==> flow/design.v <==
module my_addsub_n #(
   parameter DATA_WIDTH = 80
) (
   input  wire clk_i,
   input  wire [DATA_WIDTH-1:0] u,
   input  wire [DATA_WIDTH-1:0] v,
   output wire [DATA_WIDTH-1:0] result,
   output wire under
);
   reg [DATA_WIDTH-1:0] u_q;
   reg [DATA_WIDTH-1:0] v_q;
   localparam LW = DATA_WIDTH / 2;
   reg [LW:0] low_q;
   reg [DATA_WIDTH-LW-1:0] u_hi_q;
   reg [DATA_WIDTH-LW-1:0] v_hi_q;
   wire [DATA_WIDTH-LW:0] hi = u_hi_q - v_hi_q - low_q[LW];
   reg [DATA_WIDTH-1:0] result_q;
   assign result = result_q;
   reg under_q;
   assign under = under_q;
   always @(posedge clk_i) begin
      u_q <= u;
      v_q <= v;
      low_q <= u_q[LW-1:0] - v_q[LW-1:0];
      u_hi_q <= u_q[DATA_WIDTH-1:LW];
      v_hi_q <= v_q[DATA_WIDTH-1:LW];
      result_q <= {hi[DATA_WIDTH-LW-1:0], low_q[LW-1:0]};
      under_q <= hi[DATA_WIDTH-LW];
   end
endmodule
---- Step by step through the tools: my_addsub_n ----
What the tools print for my_addsub_n, step after step.
Lines are those of the file above, counted from 1.
Operators: Yosys type, input widths -> output width; for muxes data width and select width s.
Library cell names are shortened.
A cell with - has no value.
inputs
  top module .............................. my_addsub_n
  clock port .............................. clk_i
  standard-cell library ................... sky130hd
  library corner .......................... tt_025C_1v80

---- Word level ----
Source: Yosys, flattened and elaborated, memories not mapped. Widths are those after wreduce; folded enables and synchronous resets count as part of the registers. Registers that Yosys merges into a memory's read port (data or address) are not register bits. Print and check cells do not count. Equal cells are merged and count once.
bit counts
  register bits ........................... 362
  bits of input ports ..................... 161
cells by class
  add/subtract/negate cells ............... 3
operators with widths
  operator        count
  $sub 40x40->41  2
  $sub 41x1->41   1

---- Depth ----
Longest topological path by Yosys (ltp), each cell counted once; first at word level (registers and memories cut), then after technology mapping (sequential cells cut; the memories' decode and read muxes count).
depth
  depth in word-level cells ............... 2
  ABC_AREA ................................ 0
  gate-level depth with buffers ........... 15
  depth with buffers taken out ............ 15

---- Mapped cells and area ----
Source: synth_stat.txt of the flow (Yosys; design flattened, memories mapped). It holds for the ABC_AREA given above (unset counts as 0); a run with the other value may have another netlist.
The area totals of this step are shown rounded.
cells by type
  cell      count  total area (um^2)
  dfxtp_1   362    7246.95
  ha_1      118    1.48E+03
  inv_1     179    671.894
  a21oi_1   76     380.365
  xnor2_1   39     341.578
  a21o_1    45     337.824
  xor2_1    29     253.994
  o21ai_0   44     220.211
  nor2_1    56     210.202
  nand2_1   50     187.68
  o21a_1    16     120.115
  nand4_1   17     106.352
  a211oi_1  11     82.579
  nand2b_1  13     81.328
  nand3_1   16     80.077
  nor3_1    14     70.067
  nor2b_1   11     68.816
  a31oi_1   10     62.56
Not listed: further types 37, cells in them 92.
mapped netlist
  cells in the netlist .................... 1198
  mapped area ............................. 12800 um^2
  flip-flop cells ......................... 362
  buffers ................................. 16

---- Worst setup path after synthesis ----
Source: OpenSTA report_checks on the synthesized netlist (no wires, ideal clock, input and output delay 20% of the period each), path of least setup slack; recovery checks are left aside. Register names are those of the netlist, which keeps one name where synthesis merged equal registers.
path post-synthesis
  path type ............................... flip-flop to flip-flop
  from .................................... reg low_q[40]
  to ...................................... reg result_q[76]
  clock period ............................ 4030 ps
  arrival ................................. 3105 ps
  path slack .............................. 805 ps
  path delay .............................. 3225 ps
  stages on the path ...................... 16
  buffers on the path ..................... 0
  synthesis period reached ................ 3225 ps
"path delay" = arrival - input delay + setup time.
"stages on the path": output pins that drive a net of the path, with the launching flip-flop's if there is one; two outputs of one cell count as two.
"synthesis period reached" = period - worst setup slack (recovery checks aside). The figure is calculated, with input and output delays left at 20% of the set period.
The rows between start and end are the longest chain of elaborated cells between them; the timing report does not say that the signal goes this way. Where chains are equally long, one stands for them.
A line is the first line of the expression or statement that the cell stems from. Yosys adds cells for indexed reads and writes and turns some case tables into memories.
on the way, post-synthesis
  cell sequence ........................... dfxtp_1 -> inv_1 -> fa_1 -> inv_1 -> ha_1 -> or2_2 -> fa_1 -> nor2b_1 -> o211ai_1 -> nand3_1 -> a211oi_1 -> o21ai_0 -> a21oi_1 -> a21oi_1 -> nor4b_1 -> a211o_1
  length of the longest elaborated chain .. 1
  elaborated cells on any way between the ends .. 1
  source lines of those cells ............. 1
  those cells by class .................... 1 x add/sub
ends and longest elaborated chain, post-synthesis
  what                RTL line  source
  start: declaration  13        reg [LW:0] low_q;
  start: assignment   24        low_q <= u_q[LW-1:0] - v_q[LW-1:0];
  $sub 41x1->41       16        wire [DATA_WIDTH-LW:0] hi = u_hi_q - v_hi_q - low_q[LW];
  end: assignment     27        result_q <= {hi[DATA_WIDTH-LW-1:0], low_q[LW-1:0]};
  end: declaration    17        reg [DATA_WIDTH-1:0] result_q;

---- Path in the finished layout ----
Path of least setup slack in the final report of run 1 (OpenROAD, finished layout, wires in). Where an end is a register, its clock arrival counts in the times.
The path's times are printed in steps of 10 ps; the period is the one set.
path post-layout
  path type ............................... flip-flop to flip-flop
  from .................................... reg low_q[40]
  to ...................................... reg result_q[76]
  clock period ............................ 4030 ps
  arrival ................................. 4100 ps
  path slack .............................. 340 ps
  stages on the path ...................... 16
  buffers on the path ..................... 0
The rows between start and end are the longest chain of elaborated cells between them; the timing report does not say that the signal goes this way. Where chains are equally long, one stands for them.
on the way, post-layout
  cell sequence ........................... dfxtp_1 -> inv_1 -> fa_1 -> inv_1 -> ha_1 -> or2_2 -> fa_1 -> nor2b_1 -> o211ai_1 -> nand3_1 -> a211oi_1 -> o21ai_0 -> a21oi_1 -> a21oi_1 -> nor4b_1 -> a211o_1
  length of the longest elaborated chain .. 1
  elaborated cells on any way between the ends .. 1
  source lines of those cells ............. 1
  those cells by class .................... 1 x add/sub
ends and longest elaborated chain, post-layout
  what                RTL line  source
  start: declaration  13        reg [LW:0] low_q;
  start: assignment   24        low_q <= u_q[LW-1:0] - v_q[LW-1:0];
  $sub 41x1->41       16        wire [DATA_WIDTH-LW:0] hi = u_hi_q - v_hi_q - low_q[LW];
  end: assignment     27        result_q <= {hi[DATA_WIDTH-LW-1:0], low_q[LW-1:0]};
  end: declaration    17        reg [DATA_WIDTH-1:0] result_q;

Top module my_addsub_n; platform sky130hd; tools Yosys and OpenROAD; 3 stored runs in no particular order. Input and output delays are each 20% of the period that was set; the output load is 0.01 pF.
"period achieved": clock period set for the run, less the worst setup slack. It is reckoned from that one timing run; input and output delays stay at 20% of the period that was set.
"worst setup path time": the worst setup path's part of the clock period (all of it between registers, 20% less for each end at a port) less its slack. A launch clock that arrives late makes it longer, a capture clock that arrives late makes it shorter.
By "total power of the final layout" is meant OpenSTA's value without simulated activity: inputs other than the clock are taken to toggle once in ten clock periods, and the tool carries that through the logic.
"worst setup path time" is known to 10 ps.
Measured values are rounded.

---- run 1 ----
settings
  period_ns = 4.03
  CAP_MARGIN = 20
  CORE_MARGIN = 2
  CORE_UTILIZATION = 40
  SLEW_MARGIN = 20
results
  area of the synthesized netlist ......... 12800 um^2
  die area ................................ 33400 um^2
  standard-cell area after routing ........ 17000 um^2
  utilization in the final report ......... 0.541
  worst slack on setup checks ............. 338 ps
  final setup TNS ......................... 0 ps
  post-route worst hold slack ............. 320 ps
  total power of the final layout ......... 9800 uW
  period achieved ......................... 3692 ps
  worst setup path time ................... 3690 ps
  worst path kind ......................... flip-flop to flip-flop

---- run 2 ----
settings
  period_ns = 2.7
  CORE_UTILIZATION = 39
  HOLD_SLACK_MARGIN = 0.06
  CORE_ASPECT_RATIO = 0.8
  CORE_MARGIN = 2
  CELL_PAD_IN_SITES_DETAIL_PLACEMENT = 1
  ABC_AREA = 1
  GPL_TIMING_DRIVEN = 0
  GPL_ROUTABILITY_DRIVEN = 1
  SLEW_MARGIN = 5
  MAX_ROUTING_LAYER = met4
  CAP_MARGIN = 20
results
  area of the synthesized netlist ......... 13800 um^2
  die area ................................ 37000 um^2
  standard-cell area after routing ........ 18500 um^2
  utilization in the final report ......... 0.529
  worst slack on setup checks ............. -36 ps
  final setup TNS ......................... -109 ps
  post-route worst hold slack ............. 314 ps
  total power of the final layout ......... 14600 uW
  period achieved ......................... 2736 ps
  worst setup path time ................... 2740 ps
  worst path kind ......................... flip-flop to flip-flop

---- run 3 ----
settings
  period_ns = 5.25
  CORE_UTILIZATION = 22
  PLACE_DENSITY_LB_ADDON = 0.21
  CORE_MARGIN = 8
  CELL_PAD_IN_SITES_DETAIL_PLACEMENT = 1
  GPL_TIMING_DRIVEN = 0
  MIN_ROUTING_LAYER = met1
  CAP_MARGIN = 20
  SLEW_MARGIN = 20
results
  area of the synthesized netlist ......... 12800 um^2
  die area ................................ 66000 um^2
  standard-cell area after routing ........ 17600 um^2
  utilization in the final report ......... 0.306
  worst slack on setup checks ............. 1230 ps
  final setup TNS ......................... 0 ps
  post-route worst hold slack ............. 317 ps
  total power of the final layout ......... 7720 uW
  period achieved ......................... 4015 ps
  worst setup path time ................... 4020 ps
  worst path kind ......................... flip-flop to flip-flop
